==> flow/design.v <==
module my_mult #(
    parameter DW = 22
) (
    input  ck,
    input  nrst,
    input  [DW-1:0] a,
    input  [DW-1:0] b,
    output reg [2*DW-1:0] result
);
    reg [DW-1:0] r_a;
    reg [DW-1:0] r_b;
    always @(posedge ck) begin
        if (!nrst) begin
            r_a <= 0;
            r_b <= 0;
            result <= 0;
        end else begin
            r_a <= a;
            r_b <= b;
            result <= r_a * r_b;
        end
    end
endmodule
From RTL to reports: my_mult
The steps from the RTL of my_mult to its reports follow in flow order.
Line numbers count from 1 in the design file above.
Operators: Yosys type, input widths -> output width; for muxes data width and select width s.
Cell names lack the library's common part.
A cell with n/a has no value.
- design top: my_mult
- clock input: ck
- cell library: sky130hd
- timing corner: tt_025C_1v80

After elaboration
Yosys after proc, flatten, opt, wreduce and memory -nomap, before mapping. Enables and synchronous resets that opt folds into registers are not counted as muxes. Memory bits, and registers merged into a memory's read port (data or address), are not among the register bits. Print and check cells are not counted. Equal cells are merged and count once.
- multiply operators: 1
- operators by type and width (kind ; count):
    $mul 22x22->44 ; 1
- register bits after elaboration at 88
- input port bits: 46
- cells after elaboration: 4

Longest topological paths
Longest topological path by Yosys (ltp), each cell counted once; first at word level (registers and memories cut), then after technology mapping (sequential cells cut; the memories' decode and read muxes count).
- word-level depth at 1
- ABC_AREA: 0
- mapped depth at 24
- mapped depth without buffers at 22

Mapped cells and area
Yosys stat after the flow's synthesis: flattened, memories mapped to cells. It holds for the ABC_AREA given above (unset counts as 0); a run with the other value may have another netlist.
- mapped cells: 1986
- noted cell area after synthesis: 18228.7 µm²
- sequential area at 1761.7 µm²
- flip-flops at 88
- cells by type (cell ; count):
    fa_1 ; 397
    ha_1 ; 159
    and2_1 ; 296
    dfxtp_1 ; 88
    inv_1 ; 383
    nand2_1 ; 299
    clkbuf_1 ; 117
    a21oi_1 ; 43
    xnor2_1 ; 22
    a21o_1 ; 21
    o21ai_0 ; 23
    nand4_1 ; 17
    xor2_1 ; 9
    o21bai_1 ; 9
    nor2_1 ; 17
    a211oi_1 ; 8
    mux2i_1 ; 6
    nand2b_1 ; 9
Not listed: further types 34, cells in them 63.

Worst setup path after synthesis
OpenSTA on the mapped netlist: ideal clock, no wires. The path of least setup slack (recovery checks aside). Input and output delay are each 20% of the period. Register names are those of the netlist, which keeps one name where synthesis merged equal registers.
- kind: reg-to-reg
- from: register r_a[15]
- to: register result[41]
- clock period at 7.8 ns
- setup time at 0.124 ns
- noted launch time at the first pin: 0.000 ns
- data arrival time: 6.116 ns
- noted required time: 7.676 ns
- slack at 1.560 ns
- noted delay of the path: 6.240 ns
- stages at 24
- buffers on the path: 2
- noted synthesis period reached: 6.24 ns
"delay of the path" is the arrival time less input delay plus setup time.
"stages": output pins that drive a net of the path, with the launching flip-flop's if there is one; two outputs of one cell count as two.
"synthesis period reached" is the clock period less the worst setup slack; recovery checks do not enter. This is arithmetic on one report: input and output delays are still those of the set period (20% each).
The rows between start and end are the longest chain of elaborated cells between them; the timing report does not say that the signal goes this way. Where chains are equally long, one stands for them.
Each line given opens the expression or statement behind the cell; cells for indexed reads and writes are added by Yosys, which also makes memories of some case tables.
- cells stage by stage: dfxtp_1 -> clkbuf_1 -> and2_1 -> fa_1 -> inv_1 -> fa_1 -> inv_1 -> fa_1 -> inv_1 -> fa_1 -> fa_1 -> fa_1 -> fa_1 -> inv_1 -> ha_1 -> clkbuf_1 -> a21oi_1 -> o21ai_0 -> a211oi_1 -> a221oi_1 -> or3b_1 -> a21oi_1 -> o21ai_0 -> mux2i_1
- noted length of the longest elaborated chain: 1
- RTL lines, path post-synthesis (element ; RTL line ; RTL):
    from (decl) ; 10 ; reg [DW-1:0] r_a;
    from (assign) ; 14 ; r_a <= 0;
    from (assign) ; 18 ; r_a <= a;
    $mul 22x22->44 ; 20 ; result <= r_a * r_b;
    to (assign) ; 16 ; result <= 0;
    to (assign) ; 20 ;
    to (decl) ; 8 ; output reg [2*DW-1:0] result

Worst path after layout
From the final timing report of run A: the path of least setup slack in the routed layout; clock arrival at registers is part of the times.
- kind: reg-to-reg
- from: register r_a[7]
- to: register result[41]
- clock period at 7.8 ns
- setup time at 0.06 ns
- noted launch time at the first pin: 0.37 ns
- data arrival time: 7.66 ns
- noted required time: 8.11 ns
- slack at 0.45 ns
- stages at 21
- buffers on the path: 0
The rows between start and end are the longest chain of elaborated cells between them; the timing report does not say that the signal goes this way. Where chains are equally long, one stands for them.
- cells stage by stage: dfxtp_1 -> nand2_1 -> fa_1 -> inv_1 -> fa_1 -> inv_1 -> fa_1 -> inv_1 -> fa_1 -> fa_1 -> fa_1 -> fa_1 -> ha_1 -> nand4_1 -> nor4_1 -> nand2_1 -> a211oi_1 -> or3b_1 -> a21oi_1 -> o21ai_0 -> mux2i_1
- noted length of the longest elaborated chain: 1
- RTL lines, path post-layout (element ; RTL line ; RTL):
    from (decl) ; 10 ; reg [DW-1:0] r_a;
    from (assign) ; 14 ; r_a <= 0;
    from (assign) ; 18 ; r_a <= a;
    $mul 22x22->44 ; 20 ; result <= r_a * r_b;
    to (assign) ; 16 ; result <= 0;
    to (assign) ; 20 ;
    to (decl) ; 8 ; output reg [2*DW-1:0] result

Settings and measured results of 3 stored flow runs for module my_mult (sky130hd), not sorted in any way. The constraints put input and output delay at 20% of the set period each and load the outputs with 0.01 pF.
"reached clock period": clock period set for the run, less the worst setup slack. It is reckoned from that one timing run; input and output delays stay at 20% of the period that was set.
By "time used up by the worst setup path" is meant the share of the clock period that the worst setup path is allowed (20% is reserved at inputs, 20% at outputs), minus its slack. Clock arrival times at its registers enter into it.
"total power of the final layout" is the tool's figure for a default switching activity; nothing was simulated.

Run A
Settings were period_ns = 7.8; CAP_MARGIN = 20; CORE_MARGIN = 2; CORE_UTILIZATION = 40; SLEW_MARGIN = 20
- standard-cell area after layout at 19940.4 µm²
- setup total negative slack: 0.000 ns
- mapped cell area after synthesis: 18228.7 µm²
- time used up by the worst setup path at 7.35 ns
- worst setup path type: reg-to-reg
- die footprint at 47295.4 µm²
- smallest hold slack at 0.699 ns
- utilization at 0.441
- reached clock period: 7.348 ns
- total power of the final layout at 0.003568 W
- worst setup slack after layout: 0.452 ns

Run B
Settings were period_ns = 4.27; CORE_UTILIZATION = 42; SETUP_SLACK_MARGIN = -0.33; PLACE_DENSITY_LB_ADDON = 0.26; CORE_ASPECT_RATIO = 1.32; CELL_PAD_IN_SITES_GLOBAL_PLACEMENT = 3; TNS_END_PERCENT = 85; ABC_AREA = 0; GPL_TIMING_DRIVEN = 0; CTS_CLUSTER_DIAMETER = 20; CAP_MARGIN = 25; MIN_ROUTING_LAYER = met2; MAX_ROUTING_LAYER = met5; CORE_MARGIN = 2; SLEW_MARGIN = 20
- standard-cell area after layout at 23326.1 µm²
- setup total negative slack: -64.472 ns
- mapped cell area after synthesis: 18228.7 µm²
- time used up by the worst setup path at 6.53 ns
- worst setup path type: reg-to-reg
- die footprint at 45101.0 µm²
- smallest hold slack at 0.546 ns
- utilization at 0.545
- reached clock period: 6.535 ns
- total power of the final layout at 0.00896 W
- worst setup slack after layout: -2.265 ns

Run C
Settings were period_ns = 6.96; CORE_UTILIZATION = 59; SETUP_SLACK_MARGIN = -0.05; PLACE_DENSITY = 0.85; ABC_AREA = 1; GPL_TIMING_DRIVEN = 1; GPL_ROUTABILITY_DRIVEN = 0; CTS_CLUSTER_DIAMETER = 276; MAX_ROUTING_LAYER = met4; CAP_MARGIN = 20; CORE_MARGIN = 2; SLEW_MARGIN = 20
- standard-cell area after layout at 20776.2 µm²
- setup total negative slack: 0.000 ns
- mapped cell area after synthesis: 19173.4 µm²
- time used up by the worst setup path at 6.62 ns
- worst setup path type: reg-to-reg
- die footprint at 33955.4 µm²
- smallest hold slack at 0.822 ns
- utilization at 0.643
- reached clock period: 6.625 ns
- total power of the final layout at 0.004 W
- worst setup slack after layout: 0.335 ns
